==> flow/design.v <==
module chooser_n #(
    parameter DW = 3,
    parameter COUNT = 24,
    parameter SW = $clog2(COUNT)
) (
    input wire aclk,
    input wire resetn,
    input wire [COUNT*DW-1:0] i_data,
    input wire [SW-1:0] i_pick,
    output reg [DW-1:0] o_q
);
    reg [COUNT*DW-1:0] data_s;
    reg [SW-1:0] pick_s;
    always @(posedge aclk or negedge resetn) begin
        if (~resetn) begin
            data_s <= 0;
            pick_s <= 0;
        end else begin
            data_s <= i_data;
            pick_s <= i_pick;
        end
    end
    reg [DW-1:0] t;
    integer k;
    always @(*) begin
        t = 0;
        for (k = 0; k < COUNT; k = k + 1)
            if (pick_s == k) t = data_s[k*DW +: DW];
    end
    always @(posedge aclk or negedge resetn) begin
        if (~resetn) begin
            o_q <= 0;
        end else begin
            o_q <= t;
        end
    end
endmodule
### Step by step through the tools: chooser_n

Tool output for the design above, in the order of the flow.
Lines are those of the file above, counted from 1.
Operators: Yosys type, input widths -> output width; for muxes data width and select width s.
The mark - stands for no value.

* top module: chooser_n
* clock: aclk
* cell library: sky130hd
* timing corner: tt_025C_1v80

### Elaborated design

Source: Yosys, flattened and elaborated, memories not mapped. Widths are those after wreduce; folded enables and synchronous resets count as part of the registers. Registers that Yosys merges into a memory's read port (data or address) are not register bits. Print and check cells do not count. Equal cells are merged and count once.

* eq/ne operators: 23
* multiplexer cells: 24
* reductions and logical operators: 1

Operator list (count)
* $mux 3: 24
* $eq 5x4->1 const B: 8
* $eq 5x5->1 const B: 8
* $eq 5x3->1 const B: 4
* $eq 5x2->1 const B: 2
* $eq 5x1->1 const B: 1
* $logic_not 5->1: 1

* word-level cells: 51
* output and inout port bits: 3
* input port bits: 79
* flip-flop bits (word level): 80

### Longest topological paths

Longest topological path by Yosys (ltp), each cell counted once; first at word level (registers and memories cut), then after technology mapping (sequential cells cut; the memories' decode and read muxes count).

* word-level depth: 25
* ABC_AREA: 0
* depth in mapped cells: 8
* mapped depth without buffers: 6

### After synthesis

Yosys stat after the flow's synthesis: flattened, memories mapped to cells. It holds for the ABC_AREA given above (unset counts as 0); a run with the other value may have another netlist.
Totals and module areas in this step are rounded.

* sequential area: 2000 um^2
* standard cells after synthesis: 236
* mapped flip-flops: 80
* chip area (Yosys): 3100 um^2
* buffer cells: 13

Cell types
* sky130_fd_sc_hd__dfrtp_1: count 80, area in all 2001.92 um^2
* sky130_fd_sc_hd__mux2i_1: count 12, area in all 120.115 um^2
* sky130_fd_sc_hd__a21oi_1: count 15, area in all 75.072 um^2
* sky130_fd_sc_hd__buf_4: count 9, area in all 67.565 um^2
* sky130_fd_sc_hd__nor2_1: count 16, area in all 60.058 um^2
* sky130_fd_sc_hd__o21ai_0: count 10, area in all 50.048 um^2
* sky130_fd_sc_hd__a211oi_1: count 5, area in all 37.536 um^2
* sky130_fd_sc_hd__nor3_1: count 7, area in all 35.034 um^2
* sky130_fd_sc_hd__mux2_2: count 3, area in all 33.782 um^2
* sky130_fd_sc_hd__a31oi_1: count 5, area in all 31.28 um^2
* sky130_fd_sc_hd__a22oi_1: count 4, area in all 30.029 um^2
* sky130_fd_sc_hd__nand2_1: count 8, area in all 30.029 um^2
* sky130_fd_sc_hd__nand2b_1: count 4, area in all 25.024 um^2
* sky130_fd_sc_hd__o211ai_2: count 2, area in all 25.024 um^2
* sky130_fd_sc_hd__or3_1: count 4, area in all 25.024 um^2
* sky130_fd_sc_hd__mux4_2: count 1, area in all 22.522 um^2
* sky130_fd_sc_hd__nand3_1: count 4, area in all 20.019 um^2
* sky130_fd_sc_hd__o32a_1: count 2, area in all 20.019 um^2

Other cell types: 32; their cells: 45.

### Timing after synthesis

Source: OpenSTA report_checks on the synthesized netlist (no wires, ideal clock, input and output delay 20% of the period each), path of least setup slack; recovery checks are left aside. Register names are those of the netlist, which keeps one name where synthesis merged equal registers.

* kind: register to register
* from: register pick_s[2]
* to: register o_q[2]
* data arrival time: 1451 ps
* setup slack: 397 ps
* required time: 1848 ps
* time at the first pin: 0 ps
* driving pins on the path: 8
* library setup time: 132 ps
* period: 1980 ps
* path buffers: 1
* path delay: 1583 ps
* synthesis period reached: 1583 ps

"path delay" = arrival - input delay + setup time.
"driving pins on the path": output pins that drive a net of the path, with the launching flip-flop's if there is one; two outputs of one cell count as two.
"synthesis period reached" = period - worst setup slack (recovery checks aside). The figure is calculated, with input and output delays left at 20% of the set period.
The rows between start and end are the longest chain of elaborated cells between them; the timing report does not say that the signal goes this way. Where chains are equally long, one stands for them.
Each line given opens the expression or statement behind the cell; cells for indexed reads and writes are added by Yosys, which also makes memories of some case tables.

* path through: sky130_fd_sc_hd__dfrtp_1 > sky130_fd_sc_hd__buf_4 > sky130_fd_sc_hd__nor3b_2 > sky130_fd_sc_hd__o221ai_2 > sky130_fd_sc_hd__a21oi_1 > sky130_fd_sc_hd__o21ai_1 > sky130_fd_sc_hd__a21oi_2 > sky130_fd_sc_hd__o211ai_2
* length of the longest elaborated chain: 25
* elaborated cells on any way between the ends: 48
* RTL lines with such cells: 1
* those cells by class: eq/ne (23); mux (24); reduce/logical (1)

RTL lines, path after synthesis
* from (decl): line 13 `reg [SW-1:0] pick_s;`
* from (assign): line 17 `pick_s <= 0;`
* from (assign): line 20 `pick_s <= i_pick;`
* $logic_not 5->1: line 28 `if (pick_s == k) t = data_s[k*DW +: DW];`
* $mux 3 (24 in a row): line 28
* to (assign): line 32 `o_q <= 0;`
* to (assign): line 34 `o_q <= t;`
* to (decl): line 10 `output reg [DW-1:0] o_q`

### Timing after layout

Path of least setup slack in the final report of job 1 (OpenROAD, finished layout, wires in). Where an end is a register, its clock arrival counts in the times.
The path's times are printed in steps of 10 ps; the period is the one set.

* kind: register to register
* from: register pick_s[3]
* to: register o_q[2]
* path buffers: 0
* driving pins on the path: 7
* required time: 2200 ps
* data arrival time: 2110 ps
* library setup time: 120 ps
* setup slack: 90 ps
* time at the first pin: 350 ps
* period: 1980 ps

The rows between start and end are the longest chain of elaborated cells between them; the timing report does not say that the signal goes this way. Where chains are equally long, one stands for them.

* path through: sky130_fd_sc_hd__dfrtp_1 > sky130_fd_sc_hd__nand2b_2 > sky130_fd_sc_hd__or3_1 > sky130_fd_sc_hd__a21oi_1 > sky130_fd_sc_hd__o21ai_1 > sky130_fd_sc_hd__a21oi_2 > sky130_fd_sc_hd__o211ai_2
* length of the longest elaborated chain: 25
* elaborated cells on any way between the ends: 48
* RTL lines with such cells: 1
* those cells by class: eq/ne (23); mux (24); reduce/logical (1)

RTL lines, path after layout
* from (decl): line 13 `reg [SW-1:0] pick_s;`
* from (assign): line 17 `pick_s <= 0;`
* from (assign): line 20 `pick_s <= i_pick;`
* $logic_not 5->1: line 28 `if (pick_s == k) t = data_s[k*DW +: DW];`
* $mux 3 (24 in a row): line 28
* to (assign): line 32 `o_q <= 0;`
* to (assign): line 34 `o_q <= t;`
* to (decl): line 10 `output reg [DW-1:0] o_q`

Lab notebook: chooser_n

Flow measurements of chooser_n on sky130hd: 3 stored runs with different settings, listed in no order. Input and output delays are each 20% of the period that was set; the output load is 0.01 pF.
"achieved clock period" is the run's clock period less its worst setup slack. It is reckoned from that one timing run; input and output delays stay at 20% of the period that was set.
"time of the worst setup path": the worst setup path's part of the clock period (all of it between registers, 20% less for each end at a port) less its slack. A launch clock that arrives late makes it longer, a capture clock that arrives late makes it shorter.
By "total power of the final layout" is meant OpenSTA's value without simulated activity: inputs other than the clock are taken to toggle once in ten clock periods, and the tool carries that through the logic.
"time of the worst setup path" is given in steps of 10 ps.
Measured values are rounded.

### Job 1

==> flow/run.sh <==
#!/bin/bash
# the make line also repeats the synthesis and layout settings of config.mk as NAME=value (left out here)
make -C /OpenROAD-flow-scripts/flow DESIGN_CONFIG=/design/flow/config.mk WORK_HOME=/design/flow/orfs CLKGATE_MAP_FILE= finish
==> flow/config.mk <==
export PLATFORM = sky130hd
export DESIGN_NAME = chooser_n
export DESIGN_NICKNAME = chooser_n
export VERILOG_FILES = /design/flow/design.v
export SDC_FILE = /design/flow/constraint.sdc
export NUM_CORES = 4
export LEC_CHECK = 0
export CAP_MARGIN = 20
export CORE_MARGIN = 2
export CORE_UTILIZATION = 40
export SLEW_MARGIN = 20
==> flow/constraint.sdc <==
create_clock -name core_clock -period 1.98 [get_ports {aclk}]
set_input_delay 0.3960 -clock core_clock [delete_from_list [all_inputs] [get_ports {aclk}]]
set_output_delay 0.3960 -clock core_clock [all_outputs]
set_load 0.01 [all_outputs]

Results of job 1:
- Chip area in the Yosys report: 3,100 um^2
- Setup slack of the worst path: 85 ps
- Die footprint: 8,300 um^2
- Total power of the final layout: 0.0033 W
- Achieved clock period: 1,895 ps
- Final design utilization: 0.58
- Time of the worst setup path: 1,890 ps
- Kind of the worst setup path: register to register
- Standard-cell area after routing: 4,300 um^2
- Total negative slack: 0 ps

### Job 2

==> flow/run.sh <==
#!/bin/bash
# the make line also repeats the synthesis and layout settings of config.mk as NAME=value (left out here)
make -C /OpenROAD-flow-scripts/flow DESIGN_CONFIG=/design/flow/config.mk WORK_HOME=/design/flow/orfs CLKGATE_MAP_FILE= finish
==> flow/config.mk <==
export PLATFORM = sky130hd
export DESIGN_NAME = chooser_n
export DESIGN_NICKNAME = chooser_n
export VERILOG_FILES = /design/flow/design.v
export SDC_FILE = /design/flow/constraint.sdc
export NUM_CORES = 4
export LEC_CHECK = 0
export CAP_MARGIN = 5
export CELL_PAD_IN_SITES_DETAIL_PLACEMENT = 0
export CELL_PAD_IN_SITES_GLOBAL_PLACEMENT = 0
export CORE_ASPECT_RATIO = 1.39
export CORE_MARGIN = 2
export CORE_UTILIZATION = 19
export CTS_CLUSTER_DIAMETER = 79
export GPL_ROUTABILITY_DRIVEN = 1
export PLACE_DENSITY_LB_ADDON = 0.24
export SLEW_MARGIN = 20
export TNS_END_PERCENT = 60
==> flow/constraint.sdc <==
create_clock -name core_clock -period 2.06 [get_ports {aclk}]
set_input_delay 0.4120 -clock core_clock [delete_from_list [all_inputs] [get_ports {aclk}]]
set_output_delay 0.4120 -clock core_clock [all_outputs]
set_load 0.01 [all_outputs]

Results of job 2:
- Chip area in the Yosys report: 3,100 um^2
- Setup slack of the worst path: 75 ps
- Die footprint: 17,000 um^2
- Total power of the final layout: 0.0037 W
- Achieved clock period: 1,985 ps
- Final design utilization: 0.28
- Time of the worst setup path: 1,990 ps
- Kind of the worst setup path: register to register
- Standard-cell area after routing: 4,400 um^2
- Total negative slack: 0 ps

### Job 3

==> flow/run.sh <==
#!/bin/bash
# the make line also repeats the synthesis and layout settings of config.mk as NAME=value (left out here)
make -C /OpenROAD-flow-scripts/flow DESIGN_CONFIG=/design/flow/config.mk WORK_HOME=/design/flow/orfs CLKGATE_MAP_FILE= finish
==> flow/config.mk <==
export PLATFORM = sky130hd
export DESIGN_NAME = chooser_n
export DESIGN_NICKNAME = chooser_n
export VERILOG_FILES = /design/flow/design.v
export SDC_FILE = /design/flow/constraint.sdc
export NUM_CORES = 4
export LEC_CHECK = 0
export ABC_AREA = 1
export CAP_MARGIN = 20
export CELL_PAD_IN_SITES_DETAIL_PLACEMENT = 0
export CORE_MARGIN = 8
export CORE_UTILIZATION = 60
export CTS_CLUSTER_DIAMETER = 96
export PLACE_DENSITY_LB_ADDON = 0.23
export SLEW_MARGIN = 15
export TNS_END_PERCENT = 55
==> flow/constraint.sdc <==
create_clock -name core_clock -period 1.26 [get_ports {aclk}]
set_input_delay 0.2520 -clock core_clock [delete_from_list [all_inputs] [get_ports {aclk}]]
set_output_delay 0.2520 -clock core_clock [all_outputs]
set_load 0.01 [all_outputs]

Results of job 3:
- Chip area in the Yosys report: 2,800 um^2
- Setup slack of the worst path: -1,300 ps
- Die footprint: 7,100 um^2
- Total power of the final layout: 0.0053 W
- Achieved clock period: 2,582 ps
- Final design utilization: 0.95
- Time of the worst setup path: 2,580 ps
- Kind of the worst setup path: register to register
- Standard-cell area after routing: 4,200 um^2
- Total negative slack: -3,700 ps
